==> flow/design.v <==
module dp_arith_n #(
   parameter W = 48
) (
   input  logic ck,
   input  logic resetn,
   input  logic signed [W-1:0] a_in,
   input  logic signed [W-1:0] b_in,
   input  logic dir_in,
   output logic [W-1:0] result_out,
   output logic carry_out_out
);
   logic signed [W-1:0] a_ff;
   logic signed [W-1:0] b_ff;
   logic dir_ff;
   logic [W-1:0] w2;
   assign w2 = b_ff ^ {W{dir_ff}};
   logic [W-1:0] nxt;
   assign nxt = $unsigned(a_ff) + w2 + dir_ff;
   always_ff @(posedge ck or negedge resetn) begin
      if (!resetn) begin
         a_ff <= '0;
         b_ff <= '0;
         dir_ff <= 1'b0;
         result_out <= '0;
         carry_out_out <= 1'b0;
      end else begin
         a_ff <= a_in;
         b_ff <= b_in;
         dir_ff <= dir_in;
         result_out <= nxt[W-1:0];
         carry_out_out <= (a_ff[W-1] == w2[W-1]) && (nxt[W-1] != a_ff[W-1]);
      end
   end
endmodule
## From RTL to reports: dp_arith_n

The steps from the RTL of dp_arith_n to its reports follow in flow order.
Lines are those of the file above, counted from 1.
Operators carry their Yosys type and port widths (W data, S select, Z words).
Cell names lack the library's common part.
The mark -- stands for no value.

| inputs | value |
|---|---|
| design top | dp_arith_n |
| clock port | ck |
| standard-cell library | sky130hd |
| timing corner | tt_025C_1v80 |

## Word-level counts

Source: Yosys, flattened and elaborated, memories not mapped. Widths are those after wreduce; folded enables and synchronous resets count as part of the registers. Registers that Yosys merges into a memory's read port (data or address) are not register bits. Print and check cells do not count. Equal cells are merged and count once.

| storage and ports | value |
|---|---|
| flip-flop bits (word level) | 146 |
| output and inout port bits | 49 |
| cells after elaboration | 11 |

| cells by class | value |
|---|---|
| add/sub/neg operators | 2 |
| equal/unequal tests | 2 |
| bitwise logic cells | 1 |
| reductions and logical operators | 1 |

Operators with widths:

| cell | count |
|---|---|
| $add A48 B1 Y48 | 1 |
| $add A48 B48 Y48 | 1 |
| $xor A48 B48 Y48 | 1 |
| $eq A1 B1 Y1 | 1 |
| $ne A1 B1 Y1 | 1 |
| $logic_and A1 B1 Y1 | 1 |

## Depth

Depth = most cells in a row (Yosys ltp): at word level without a register or memory, in the mapped netlist without a sequential cell, where the memories' decode and read muxes count.

| logic depth | value |
|---|---|
| depth after elaboration | 5 |
| ABC_AREA | 0 |
| mapped depth | 14 |

## Synthesis result

Yosys stat after the flow's synthesis: flattened, memories mapped to cells. It holds for the ABC_AREA given above (unset counts as 0); a run with the other value may have another netlist.
The area totals of this step are shown rounded.

| mapped netlist | value |
|---|---|
| cells in the netlist | 577 |
| chip area (Yosys) | 6,750 µm² |
| sequential area | 3,650 µm² |
| flip-flop cells | 146 |
| buffer cells | 18 |

Cell types:

| cell | count | total area (µm²) |
|---|---|---|
| dfrtp_1 | 146 | 3.65E+03 |
| xor2_1 | 66 | 578.054 |
| ha_1 | 46 | 575.552 |
| a21oi_1 | 54 | 270.259 |
| xnor2_1 | 26 | 227.718 |
| a21o_1 | 28 | 210.202 |
| o21ai_0 | 22 | 110.106 |
| nand2_1 | 25 | 93.84 |
| nor2_1 | 23 | 86.333 |
| nand4_1 | 12 | 75.072 |
| nand3_1 | 14 | 70.067 |
| o21bai_1 | 8 | 60.058 |
| inv_1 | 14 | 52.55 |
| clkbuf_1 | 13 | 48.797 |
| nor3_1 | 9 | 45.043 |
| and2_1 | 7 | 43.792 |
| o31ai_1 | 5 | 37.536 |
| nand2b_1 | 5 | 31.28 |

Not listed: further types 32, cells in them 54.

## Worst setup path after synthesis

OpenSTA on the mapped netlist: ideal clock, no wires. The path of least setup slack (recovery checks aside). Input and output delay are each 20% of the period. Register names are those of the netlist, which keeps one name where synthesis merged equal registers.

| path post-synthesis | value |
|---|---|
| kind | register -> register |
| start | register dir_ff |
| end | register result_out[44] |
| clock period | 4.42 ns |
| arrival | 3.456 ns |
| required time | 4.340 ns |
| path slack | 0.884 ns |
| path delay | 3.536 ns |
| stages on the path | 14 |
| path buffers | 2 |
| synthesis period reached | 3.536 ns |

"path delay" is the arrival time less input delay plus setup time.
"stages on the path": output pins that drive a net of the path, with the launching flip-flop's if there is one; two outputs of one cell count as two.
"synthesis period reached" = period - worst setup slack (recovery checks aside). The figure is calculated, with input and output delays left at 20% of the set period.
Between the ends stands the longest chain of elaborated cells between them, by number of cells; it is not shown to be the way that was timed. Of several equally long chains one is given.
A line is the first line of the expression or statement that the cell stems from. Yosys adds cells for indexed reads and writes and turns some case tables into memories.

| between the ends, post-synthesis | value |
|---|---|
| cell sequence | dfrtp_1 buf_1 buf_1 xor2_1 ha_1 nand3_1 a211o_1 a31oi_2 o2111ai_2 a2111oi_4 nor2_1 and2_4 o31ai_2 xnor2_1 |
| length of the longest elaborated chain | 3 |

RTL lines, path post-synthesis:

| element | RTL line | RTL |
|---|---|---|
| from (decl) | 14 | `logic dir_ff;` |
| from (assign) | 23 | `dir_ff <= 1'b0;` |
| from (assign) | 29 | `dir_ff <= dir_in;` |
| $xor A48 B48 Y48 | 16 | `assign w2 = b_ff ^ {W{dir_ff}};` |
| $add A48 B48 Y48 | 18 | `assign nxt = $unsigned(a_ff) + w2 + dir_ff;` |
| $add A48 B1 Y48 | 18 |  |
| to (assign) | 24 | `result_out <= '0;` |
| to (assign) | 30 | `result_out <= nxt[W-1:0];` |
| to (decl) | 9 | `output logic [W-1:0] result_out,` |

## Worst path after layout

From the final timing report of run 1: the path of least setup slack in the routed layout; clock arrival at registers is part of the times.

| path post-layout | value |
|---|---|
| kind | register -> register |
| start | register dir_ff |
| end | register result_out[45] |
| clock period | 3.34 ns |
| arrival | 3.70 ns |
| required time | 3.68 ns |
| path slack | -0.02 ns |
| stages on the path | 15 |
| path buffers | 3 |

Between the ends stands the longest chain of elaborated cells between them, by number of cells; it is not shown to be the way that was timed. Of several equally long chains one is given.

| between the ends, post-layout | value |
|---|---|
| cell sequence | dfrtp_2 buf_8 buf_12 xor2_1 ha_4 nand4_1 o211ai_1 buf_4 o2111ai_4 a2111oi_4 o21ai_2 a21oi_2 o21ai_2 o31ai_2 xor2_1 |
| length of the longest elaborated chain | 3 |

RTL lines, path post-layout:

| element | RTL line | RTL |
|---|---|---|
| from (decl) | 14 | `logic dir_ff;` |
| from (assign) | 23 | `dir_ff <= 1'b0;` |
| from (assign) | 29 | `dir_ff <= dir_in;` |
| $xor A48 B48 Y48 | 16 | `assign w2 = b_ff ^ {W{dir_ff}};` |
| $add A48 B48 Y48 | 18 | `assign nxt = $unsigned(a_ff) + w2 + dir_ff;` |
| $add A48 B1 Y48 | 18 |  |
| to (assign) | 24 | `result_out <= '0;` |
| to (assign) | 30 | `result_out <= nxt[W-1:0];` |
| to (decl) | 9 | `output logic [W-1:0] result_out,` |

Measured results for dp_arith_n: 3 stored runs of the Yosys and OpenROAD flow on sky130hd. The settings differ; the order carries no meaning. The constraints put input and output delay at 20% of the set period each and load the outputs with 0.01 pF.
"period reached" means the clock period less the worst setup slack. The figure is calculated, with input and output delays left at 20% of the set period.
"time of the worst setup path" is the time allowed to the run's worst setup path (the clock period less input and output delay, where it has them) less its slack. Clock arrival times count: a late capture clock shortens it, a late launch clock lengthens it.
"total power of the final layout": no workload was simulated; the value follows from the tool's default switching activity.
The measured numbers are rounded.

## Run 1

==> flow/run.sh <==
#!/bin/bash
# the make line also repeats the synthesis and layout settings of config.mk as NAME=value (left out here)
make -C /OpenROAD-flow-scripts/flow DESIGN_CONFIG=/design/flow/config.mk WORK_HOME=/design/flow/orfs CLKGATE_MAP_FILE= finish
==> flow/config.mk <==
export PLATFORM = sky130hd
export DESIGN_NAME = dp_arith_n
export DESIGN_NICKNAME = dp_arith_n
export VERILOG_FILES = /design/flow/design.v
export SDC_FILE = /design/flow/constraint.sdc
export NUM_CORES = 4
export LEC_CHECK = 0
export CAP_MARGIN = 20
export CORE_ASPECT_RATIO = 1.61
export CORE_MARGIN = 2
export CORE_UTILIZATION = 54
export CTS_CLUSTER_DIAMETER = 376
export CTS_CLUSTER_SIZE = 55
export GPL_TIMING_DRIVEN = 0
export MAX_ROUTING_LAYER = met5
export PLACE_DENSITY_LB_ADDON = 0.2
export SETUP_SLACK_MARGIN = 0.14
export SLEW_MARGIN = 40
export TNS_END_PERCENT = 60
==> flow/constraint.sdc <==
create_clock -name core_clock -period 3.34 [get_ports {ck}]
set_input_delay 0.6680 -clock core_clock [delete_from_list [all_inputs] [get_ports {ck}]]
set_output_delay 0.6680 -clock core_clock [all_outputs]
set_load 0.01 [all_outputs]

| result of run 1 | value |
|---|---|
| synthesized cell area | 6,750 µm² |
| die outline area | 13,400 µm² |
| standard-cell area after routing | 9,660 µm² |
| utilization after layout | 79.6% |
| lowest setup slack | -0.018 ns |
| sum of negative setup slack | -0.028 ns |
| total power of the final layout | 5,850 µW |
| period reached | 3.358 ns |
| time of the worst setup path | 3.36 ns |
| worst setup path type | register -> register |

## Run 2

==> flow/run.sh <==
#!/bin/bash
# the make line also repeats the synthesis and layout settings of config.mk as NAME=value (left out here)
make -C /OpenROAD-flow-scripts/flow DESIGN_CONFIG=/design/flow/config.mk WORK_HOME=/design/flow/orfs CLKGATE_MAP_FILE= finish
==> flow/config.mk <==
export PLATFORM = sky130hd
export DESIGN_NAME = dp_arith_n
export DESIGN_NICKNAME = dp_arith_n
export VERILOG_FILES = /design/flow/design.v
export SDC_FILE = /design/flow/constraint.sdc
export NUM_CORES = 4
export LEC_CHECK = 0
export ABC_AREA = 0
export CAP_MARGIN = 35
export CORE_MARGIN = 2
export CORE_UTILIZATION = 59
export CTS_CLUSTER_SIZE = 64
export PLACE_DENSITY_LB_ADDON = 0.03
export SETUP_SLACK_MARGIN = 0.09
export SLEW_MARGIN = 20
==> flow/constraint.sdc <==
create_clock -name core_clock -period 4.32 [get_ports {ck}]
set_input_delay 0.8640 -clock core_clock [delete_from_list [all_inputs] [get_ports {ck}]]
set_output_delay 0.8640 -clock core_clock [all_outputs]
set_load 0.01 [all_outputs]

| result of run 2 | value |
|---|---|
| synthesized cell area | 6,750 µm² |
| die outline area | 12,300 µm² |
| standard-cell area after routing | 9,000 µm² |
| utilization after layout | 79.9% |
| lowest setup slack | 0.734 ns |
| sum of negative setup slack | 0.000 ns |
| total power of the final layout | 4,350 µW |
| period reached | 3.586 ns |
| time of the worst setup path | 3.59 ns |
| worst setup path type | register -> register |

## Run 3

==> flow/run.sh <==
#!/bin/bash
# the make line also repeats the synthesis and layout settings of config.mk as NAME=value (left out here)
make -C /OpenROAD-flow-scripts/flow DESIGN_CONFIG=/design/flow/config.mk WORK_HOME=/design/flow/orfs CLKGATE_MAP_FILE= finish
==> flow/config.mk <==
export PLATFORM = sky130hd
export DESIGN_NAME = dp_arith_n
export DESIGN_NICKNAME = dp_arith_n
export VERILOG_FILES = /design/flow/design.v
export SDC_FILE = /design/flow/constraint.sdc
export NUM_CORES = 4
export LEC_CHECK = 0
export CAP_MARGIN = 20
export CORE_MARGIN = 2
export CORE_UTILIZATION = 40
export SLEW_MARGIN = 20
==> flow/constraint.sdc <==
create_clock -name core_clock -period 4.42 [get_ports {ck}]
set_input_delay 0.8840 -clock core_clock [delete_from_list [all_inputs] [get_ports {ck}]]
set_output_delay 0.8840 -clock core_clock [all_outputs]
set_load 0.01 [all_outputs]

| result of run 3 | value |
|---|---|
| synthesized cell area | 6,750 µm² |
| die outline area | 17,900 µm² |
| standard-cell area after routing | 9,050 µm² |
| utilization after layout | 54.7% |
| lowest setup slack | 0.832 ns |
| sum of negative setup slack | 0.000 ns |
| total power of the final layout | 4,190 µW |
| period reached | 3.588 ns |
| time of the worst setup path | 3.59 ns |
| worst setup path type | register -> register |
